==> flow/design.v <==
module sync_addsub_n #(
  parameter integer DATA_W = 28
) (
  input  wire clock,
  input  wire nrst,
  input  wire clk_en,
  input  wire [DATA_W-1:0] src1,
  input  wire mode,
  input  wire clear,
  output wire [DATA_W-1:0] q
);
  reg [DATA_W-1:0] src1_q;
  reg mode_q;
  reg clear_q;
  reg [DATA_W-1:0] run_sum;
  always @(posedge clock or negedge nrst) begin
    if (!nrst) begin
      src1_q <= 0;
      mode_q <= 1'b0;
      clear_q <= 1'b0;
      run_sum <= 0;
    end else if (clk_en) begin
      src1_q <= src1;
      mode_q <= mode;
      clear_q <= clear;
      run_sum <= clear_q ? src1_q : mode_q ? run_sum - src1_q : run_sum + src1_q;
    end
  end
  assign q = run_sum;
endmodule
Tool chain data of sync_addsub_n
Tool output for the design above, in the order of the flow.
Line numbers count from 1 in the design file above.
Operators carry their Yosys type and port widths (W data, S select, Z words).
Cell names lack the library's common part.
{ "setup": {"design": "sync_addsub_n", "clock": "clock", "library": "sky130hd", "pvt_corner": "tt_025C_1v80"} }

After elaboration
Yosys after proc, flatten, opt, wreduce and memory -nomap, before mapping. Enables and synchronous resets that opt folds into registers are not counted as muxes. Memory bits, and registers merged into a memory's read port (data or address), are not among the register bits. Print and check cells are not counted. Equal cells are merged and count once.
{ "word_totals": {"reg_bits": 58, "in_bits": 33, "output_inout_bits": 28, "word_cells": 8} }
{ "op_classes": {"n_addsub": 2, "n_mux": 2} }
{ "ops": {"columns": ["cell", "count"], "rows": [
  ["$mux W28", 2],
  ["$add A28 B28 Y28", 1],
  ["$sub A28 B28 Y28", 1]
]} }

Longest topological paths
Longest topological path by Yosys (ltp), each cell counted once; first at word level (registers and memories cut), then after technology mapping (sequential cells cut; the memories' decode and read muxes count).
{ "depth": {"depth_word": 3, "abc_area": 0, "depth_mapped": 16, "ltp_nobuf": 16} }

Netlist
Yosys stat after the flow's synthesis: flattened, memories mapped to cells. It holds for the ABC_AREA given above (unset counts as 0); a run with the other value may have another netlist.
The area totals of this step are shown rounded.
{ "by_type": {"columns": ["cell", "count", "type_area_um2"], "rows": [
  ["dfrtp_1", 58, 1.45E+03],
  ["ha_1", 28, 350.336],
  ["xnor2_1", 38, 332.819],
  ["a21oi_1", 50, 250.24],
  ["mux2_2", 22, 247.738],
  ["nor2_1", 47, 176.419],
  ["a21o_1", 19, 142.637],
  ["o21ai_0", 27, 135.13],
  ["a31oi_1", 15, 93.84],
  ["nand2_1", 23, 86.333],
  ["nor2b_1", 13, 81.328],
  ["mux2i_1", 7, 70.067],
  ["inv_1", 18, 67.565],
  ["clkbuf_1", 14, 52.55],
  ["nand3b_1", 7, 52.55],
  ["xor2_1", 6, 52.55],
  ["nand3_1", 9, 45.043],
  ["nand2b_1", 6, 37.536]
]} }
Not listed: further types 43, cells in them 85.
{ "synth_totals": {"stdcells": 492, "yosys_area_mm2": 0.00442, "seq_area_mm2": 0.00145, "flip_flops": 58, "buf_cells": 24} }

Timing after synthesis
Path of least setup slack by OpenSTA after synthesis, without wires, with an ideal clock, recovery checks aside; 20% of the period is set as input and as output delay. Where synthesis merged equal registers, the netlist keeps one of their names.
{ "synth_path": {"kind": "reg2reg", "startpoint": "reg src1_q[0]", "endpoint": "reg run_sum[27]", "tclk_ns": 4.38, "setup_ns": 0.069, "launch_ns": 0.000, "arrival_time_ns": 3.435, "t_required_ns": 4.311, "path_slack_ns": 0.876, "delay_ns": 3.504, "driving_pins": 16, "path_buffers": 1, "period_less_setup_slack_ns": 3.504} }
"delay_ns" = arrival - input delay + setup time.
"driving_pins": output pins that drive a net of the path, with the launching flip-flop's if there is one; two outputs of one cell count as two.
"period_less_setup_slack_ns" is the clock period less the worst setup slack; recovery checks do not enter. This is arithmetic on one report: input and output delays are still those of the set period (20% each).
Between the ends stands the longest chain of elaborated cells between them, by number of cells; it is not shown to be the way that was timed. Of several equally long chains one is given.
Each line given opens the expression or statement behind the cell; cells for indexed reads and writes are added by Yosys, which also makes memories of some case tables.
{ "synth_between": {"path_cell_list": "dfrtp_1 -> inv_1 -> ha_1 -> nand3b_1 -> nor4_1 -> a31o_2 -> nand2_1 -> xnor2_1 -> ha_1 -> buf_2 -> nand4_1 -> or4_1 -> o22ai_1 -> o221ai_1 -> or3_1 -> nand3_1", "elab_chain_cells": 3, "cone_cells": 4, "lines_between": 1, "classes_between": "add/sub (2); mux (2)"} }
{ "synth_rtl": {"columns": ["item", "line_no", "rtl"], "rows": [
  ["from (decl)", 12, "reg [DATA_W-1:0] src1_q;"],
  ["from (assign)", 18, "src1_q <= 0;"],
  ["from (assign)", 23, "src1_q <= src1;"],
  ["$add A28 B28 Y28", 26, "run_sum <= clear_q ? src1_q : mode_q ? run_sum - src1_q : run_sum + src1_q;"],
  ["$mux W28 x2", 26, null],
  ["to (assign)", 21, "run_sum <= 0;"],
  ["to (assign)", 26, null],
  ["to (decl)", 15, "reg [DATA_W-1:0] run_sum;"]
]} }

Path in the finished layout
Path of least setup slack in the final report of job 1 (OpenROAD, finished layout, wires in). Where an end is a register, its clock arrival counts in the times.
{ "layout_path": {"kind": "reg2reg", "startpoint": "reg src1_q[0]", "endpoint": "reg run_sum[26]", "tclk_ns": 5.17, "setup_ns": 0.13, "launch_ns": 0.34, "arrival_time_ns": 4.07, "t_required_ns": 5.38, "path_slack_ns": 1.32, "driving_pins": 17, "path_buffers": 1} }
Between the ends stands the longest chain of elaborated cells between them, by number of cells; it is not shown to be the way that was timed. Of several equally long chains one is given.
{ "layout_between": {"path_cell_list": "dfrtp_1 -> inv_1 -> ha_1 -> nand3b_1 -> nor4_2 -> buf_4 -> nor2_1 -> xnor2_1 -> ha_1 -> and3_4 -> a221o_1 -> a21oi_1 -> a21boi_2 -> o21ai_2 -> a41oi_2 -> nor4b_1 -> or3_1", "elab_chain_cells": 3, "cone_cells": 4, "lines_between": 1, "classes_between": "add/sub (2); mux (2)"} }
{ "layout_rtl": {"columns": ["item", "line_no", "rtl"], "rows": [
  ["from (decl)", 12, "reg [DATA_W-1:0] src1_q;"],
  ["from (assign)", 18, "src1_q <= 0;"],
  ["from (assign)", 23, "src1_q <= src1;"],
  ["$add A28 B28 Y28", 26, "run_sum <= clear_q ? src1_q : mode_q ? run_sum - src1_q : run_sum + src1_q;"],
  ["$mux W28 x2", 26, null],
  ["to (assign)", 21, "run_sum <= 0;"],
  ["to (assign)", 26, null],
  ["to (decl)", 15, "reg [DATA_W-1:0] run_sum;"]
]} }

Hand-over note for sync_addsub_n

Top module sync_addsub_n; platform sky130hd; tools Yosys and OpenROAD; 3 stored runs in no particular order. Input and output delays are each 20% of the period that was set; the output load is 0.01 pF.
"clock_period_reached_ns" means the clock period less the worst setup slack. The figure is calculated, with input and output delays left at 20% of the set period.
"timing.worst_path_ns" = time allowed to the worst setup path (clock period - input delay - output delay, where it has them) - its slack; a late launch clock adds to it, a late capture clock takes from it.
"power_uw" is the tool's figure for a default switching activity; nothing was simulated.
Results are given in rounded form.
[
  {
    "run": "job 1",
    "settings": { "period_ns": 5.17, "CORE_UTILIZATION": 16, "SETUP_SLACK_MARGIN": 1.07, "CELL_PAD_IN_SITES_DETAIL_PLACEMENT": 1, "GPL_TIMING_DRIVEN": 1, "GPL_ROUTABILITY_DRIVEN": 0, "SLEW_MARGIN": 5, "CAP_MARGIN": 20, "CORE_MARGIN": 2 },
    "results": { "synthArea_mm2": 0.00442, "total_die_area_mm2": 0.029, "finish.stdcell_area_mm2": 0.00575, "final_util_pct": 21.3, "ws_setup_ns": 1.32, "total_negative_slack_ns": 0.000, "power_uw": 3220, "clock_period_reached_ns": 3.854, "timing.worst_path_ns": 3.85, "path_kind": "reg2reg" }
  },
  {
    "run": "job 2",
    "settings": { "period_ns": 4.38, "CAP_MARGIN": 20, "CORE_MARGIN": 2, "CORE_UTILIZATION": 40, "SLEW_MARGIN": 20 },
    "results": { "synthArea_mm2": 0.00442, "total_die_area_mm2": 0.0119, "finish.stdcell_area_mm2": 0.0053, "final_util_pct": 49.1, "ws_setup_ns": 0.484, "total_negative_slack_ns": 0.000, "power_uw": 3320, "clock_period_reached_ns": 3.896, "timing.worst_path_ns": 3.90, "path_kind": "reg2reg" }
  },
  {
    "run": "job 3",
    "settings": { "period_ns": 2.83, "CORE_UTILIZATION": 25, "SETUP_SLACK_MARGIN": -0.23, "PLACE_DENSITY_LB_ADDON": 0.27, "HOLD_SLACK_MARGIN": -0.02, "CORE_MARGIN": 2, "CELL_PAD_IN_SITES_DETAIL_PLACEMENT": 2, "ABC_AREA": 1, "GPL_TIMING_DRIVEN": 0, "CTS_CLUSTER_DIAMETER": 114, "MAX_ROUTING_LAYER": "met4", "CAP_MARGIN": 20, "SLEW_MARGIN": 20 },
    "results": { "synthArea_mm2": 0.00516, "total_die_area_mm2": 0.0218, "finish.stdcell_area_mm2": 0.00729, "final_util_pct": 36.0, "ws_setup_ns": -0.819, "total_negative_slack_ns": -10.7, "power_uw": 7530, "clock_period_reached_ns": 3.649, "timing.worst_path_ns": 3.65, "path_kind": "reg2reg" }
  }
]

End of note.
